==> flow/design.v <==
module selector_top #(
    parameter int NBITS = 10,
    parameter int N_IN = 8,
    parameter int LG = $clog2(N_IN)
) (
    input logic clk,
    input logic [N_IN*NBITS-1:0] in_din,
    input logic [LG-1:0] in_idx,
    output logic [NBITS-1:0] out_data_out
);
    logic [N_IN*NBITS-1:0] din_s;
    logic [LG-1:0] idx_s;
    always_ff @(posedge clk) begin
        din_s <= in_din;
        idx_s <= in_idx;
    end
    logic [N_IN-1:0] hot;
    assign hot = {{(N_IN-1){1'b0}}, 1'b1} << idx_s;
    logic [NBITS-1:0] cur;
    always_comb begin
        cur = 0;
        for (int i = 0; i < N_IN; i++)
            cur = cur | (din_s[i*NBITS +: NBITS] & {NBITS{hot[i]}});
    end
    always_ff @(posedge clk) begin
        out_data_out <= cur;
    end
endmodule
=== Reports on selector_top ===
Tool output for the design above, in the order of the flow.
Line numbers count from 1 in the design file above.
Operators: Yosys type, input widths -> output width; for muxes data width and select width s.
Library cell names are shortened.
A cell with n/a has no value.

* Top module: selector_top
* Clock: clk
* Cell library: sky130hd
* Corner: tt_025C_1v80

=== Word level ===
Counts by Yosys on the flattened word-level netlist (proc, flatten, opt, wreduce; memories kept). Register bits leave out memories and registers merged into their read ports (data or address); mux counts leave out enables and synchronous resets folded into registers. Print and check cells are left out. Cells with the same type and inputs are merged into one.

* Add/subtract/negate cells: 0
* Multiply operators: 0
* Divide/modulo/power cells: 0
* Order comparisons: 0
* Equality and inequality tests: 0
* Shifts and indexed selects: 1
* Multiplexer cells: 0
* Bitwise operators: 15
* Reduce/logical cells: 0

{| class="wikitable"
|+ Operator list
! kind !! number
|-
| $and 10x10->10 || 8
|-
| $or 10x10->10 || 7
|-
| $shl 1x3->8 const A || 1
|}

* Bits in registers: 93
* Latch bits: 0
* RAM bits: 0
* ROM bits: 0
* Clocked read ports x word width: 0
* Memories kept: 0
* Bits of input ports: 84
* Output and inout bits: 10
* Cells after elaboration: 19

=== Depth ===
Longest topological path by Yosys (ltp), each cell counted once; first at word level (registers and memories cut), then after technology mapping (sequential cells cut; the memories' decode and read muxes count).

* Word-level depth: 9
* ABC_AREA: 0
* Mapped depth: 3
* Gate-level depth less buffers: 2

=== Netlist ===
Yosys stat after the flow's synthesis: flattened, memories mapped to cells. It holds for the ABC_AREA given above (unset counts as 0); a run with the other value may have another netlist.

* Mapped cells: 128
* Synthesis area: 2533.7 sq um
* Sequential area: 1861.8 sq um
* Mapped flip-flops: 93
* Buffers: 5

{| class="wikitable"
|+ Cell types
! cell type !! number !! area in all (sq um)
|-
| dfxtp_1 || 93 || 1.86E+03
|-
| mux4_1 || 20 || 525.504
|-
| mux2_2 || 10 || 112.608
|-
| buf_6 || 2 || 22.522
|-
| clkbuf_1 || 2 || 7.507
|-
| buf_1 || 1 || 3.754
|}

=== Timing after synthesis ===
Path of least setup slack by OpenSTA after synthesis, without wires, with an ideal clock, recovery checks aside; 20% of the period is set as input and as output delay. Where synthesis merged equal registers, the netlist keeps one of their names.

* Kind: flip-flop to flip-flop
* Start point: reg idx_s[0]
* End point: reg out_data_out[0]
* Clock period: 1.75 ns
* Time at the first pin: 0.000 ns
* Arrival: 1.276 ns
* Required time: 1.629 ns
* Slack: 0.353 ns
* Delay of the path: 1.397 ns
* Stages on the path: 4
* Path buffers: 1
* Synthesis period reached: 1.397 ns

"delay of the path" = arrival - input delay + setup time.
"stages on the path" counts driving pins, that of a launching flip-flop among them; a cell with two outputs on the path counts twice.
"synthesis period reached" is the clock period less the worst setup slack; recovery checks do not enter. This is arithmetic on one report: input and output delays are still those of the set period (20% each).
Between the ends stands the longest chain of elaborated cells between them, by number of cells; it is not shown to be the way that was timed. Of several equally long chains one is given.
A line is the first line of the expression or statement that the cell stems from. Yosys adds cells for indexed reads and writes and turns some case tables into memories.

* Cell sequence: dfxtp_1 buf_6 mux4_1 mux2_2
* Length of the longest elaborated chain: 9
* Elaborated cells on any way between the ends: 16

{| class="wikitable"
|+ Ends and longest elaborated chain, post-synthesis
! item !! line !! text
|-
| start, declared || 12 || <nowiki>logic [LG-1:0] idx_s;</nowiki>
|-
| start, assigned || 15 || <nowiki>idx_s <= in_idx;</nowiki>
|-
| $shl 1x3->8 || 18 || <nowiki>assign hot = {{(N_IN-1){1'b0}}, 1'b1} << idx_s;</nowiki>
|-
| $and 10x10->10 || 23 || <nowiki>cur = cur | (din_s[i*NBITS +: NBITS] & {NBITS{hot[i]}});</nowiki>
|-
| $or 10x10->10 (7 in a row) || 23 ||
|-
| end, assigned || 26 || <nowiki>out_data_out <= cur;</nowiki>
|-
| end, declared || 9 || <nowiki>output logic [NBITS-1:0] out_data_out</nowiki>
|}

=== Timing after layout ===
From the final timing report of run 1: the path of least setup slack in the routed layout; clock arrival at registers is part of the times.

* Kind: flip-flop to flip-flop
* Start point: reg idx_s[2]
* End point: reg out_data_out[0]
* Clock period: 1.91 ns
* Time at the first pin: 0.35 ns
* Arrival: 1.92 ns
* Required time: 2.15 ns
* Slack: 0.23 ns
* Stages on the path: 4
* Path buffers: 1

Between the ends stands the longest chain of elaborated cells between them, by number of cells; it is not shown to be the way that was timed. Of several equally long chains one is given.

* Cell sequence: dfxtp_1 clkbuf_1 mux4_1 mux2_2
* Length of the longest elaborated chain: 9
* Elaborated cells on any way between the ends: 16

{| class="wikitable"
|+ Ends and longest elaborated chain, after layout
! item !! line !! text
|-
| start, declared || 12 || <nowiki>logic [LG-1:0] idx_s;</nowiki>
|-
| start, assigned || 15 || <nowiki>idx_s <= in_idx;</nowiki>
|-
| $shl 1x3->8 || 18 || <nowiki>assign hot = {{(N_IN-1){1'b0}}, 1'b1} << idx_s;</nowiki>
|-
| $and 10x10->10 || 23 || <nowiki>cur = cur | (din_s[i*NBITS +: NBITS] & {NBITS{hot[i]}});</nowiki>
|-
| $or 10x10->10 (7 in a row) || 23 ||
|-
| end, assigned || 26 || <nowiki>out_data_out <= cur;</nowiki>
|-
| end, declared || 9 || <nowiki>output logic [NBITS-1:0] out_data_out</nowiki>
|}

Stored flow runs of selector_top (3 of them; Yosys, OpenROAD, sky130hd). They differ in their settings and are not a sequence. Constraints: input delay and output delay 20% of the set period each, output load 0.01 pF.
"achieved period" means the clock period less the worst setup slack. The figure is calculated, with input and output delays left at 20% of the set period.
"worst setup path time": the worst setup path's part of the clock period (all of it between registers, 20% less for each end at a port) less its slack. A launch clock that arrives late makes it longer, a capture clock that arrives late makes it shorter.
"power consumption" is the tool's figure for a default switching activity; nothing was simulated.

=== Run 1 ===
{| class="wikitable"
! Setting !! Value
|-
| period_ns || 1.91
|-
| CORE_UTILIZATION || 60
|-
| PLACE_DENSITY_LB_ADDON || 0.14
|-
| CORE_MARGIN || 4
|-
| CELL_PAD_IN_SITES_GLOBAL_PLACEMENT || 0
|-
| GPL_TIMING_DRIVEN || 0
|-
| GPL_ROUTABILITY_DRIVEN || 1
|-
| CAP_MARGIN || 10
|-
| SLEW_MARGIN || 20
|-
! Result !! Value
|-
| Synthesis area || 2533.7 sq um
|-
| Die outline area || 5326.8 sq um
|-
| Standard-cell area after layout || 3721.1 sq um
|-
| Final utilization || 0.924
|-
| Setup slack of the critical path || 0.229 ns
|-
| Final setup TNS || 0.000 ns
|-
| Final worst hold slack || 0.463 ns
|-
| Power consumption || 3784 µW
|-
| Achieved period || 1.681 ns
|-
| Worst setup path time || 1.68 ns
|-
| Worst setup path type || flip-flop to flip-flop
|}

=== Run 2 ===
{| class="wikitable"
! Setting !! Value
|-
| period_ns || 2.46
|-
| CORE_UTILIZATION || 35
|-
| SETUP_SLACK_MARGIN || 0.01
|-
| PLACE_DENSITY_LB_ADDON || 0.21
|-
| HOLD_SLACK_MARGIN || 0.05
|-
| CORE_MARGIN || 4
|-
| CELL_PAD_IN_SITES_DETAIL_PLACEMENT || 0
|-
| TNS_END_PERCENT || 65
|-
| ABC_AREA || 1
|-
| GPL_TIMING_DRIVEN || 1
|-
| CTS_CLUSTER_SIZE || 19
|-
| SLEW_MARGIN || 0
|-
| CAP_MARGIN || 20
|-
! Result !! Value
|-
| Synthesis area || 2881.5 sq um
|-
| Die outline area || 9748.6 sq um
|-
| Standard-cell area after layout || 3991.3 sq um
|-
| Final utilization || 0.509
|-
| Setup slack of the critical path || 0.690 ns
|-
| Final setup TNS || 0.000 ns
|-
| Final worst hold slack || 0.547 ns
|-
| Power consumption || 3059 µW
|-
| Achieved period || 1.770 ns
|-
| Worst setup path time || 1.28 ns
|-
| Worst setup path type || flip-flop to output port
|}

=== Run 3 ===
{| class="wikitable"
! Setting !! Value
|-
| period_ns || 1.75
|-
| CAP_MARGIN || 20
|-
| CORE_MARGIN || 2
|-
| CORE_UTILIZATION || 40
|-
| SLEW_MARGIN || 20
|-
! Result !! Value
|-
| Synthesis area || 2533.7 sq um
|-
| Die outline area || 6986.4 sq um
|-
| Standard-cell area after layout || 3734.8 sq um
|-
| Final utilization || 0.62
|-
| Setup slack of the critical path || 0.177 ns
|-
| Final setup TNS || 0.000 ns
|-
| Final worst hold slack || 0.440 ns
|-
| Power consumption || 3942 µW
|-
| Achieved period || 1.573 ns
|-
| Worst setup path time || 1.22 ns
|-
| Worst setup path type || flip-flop to output port
|}
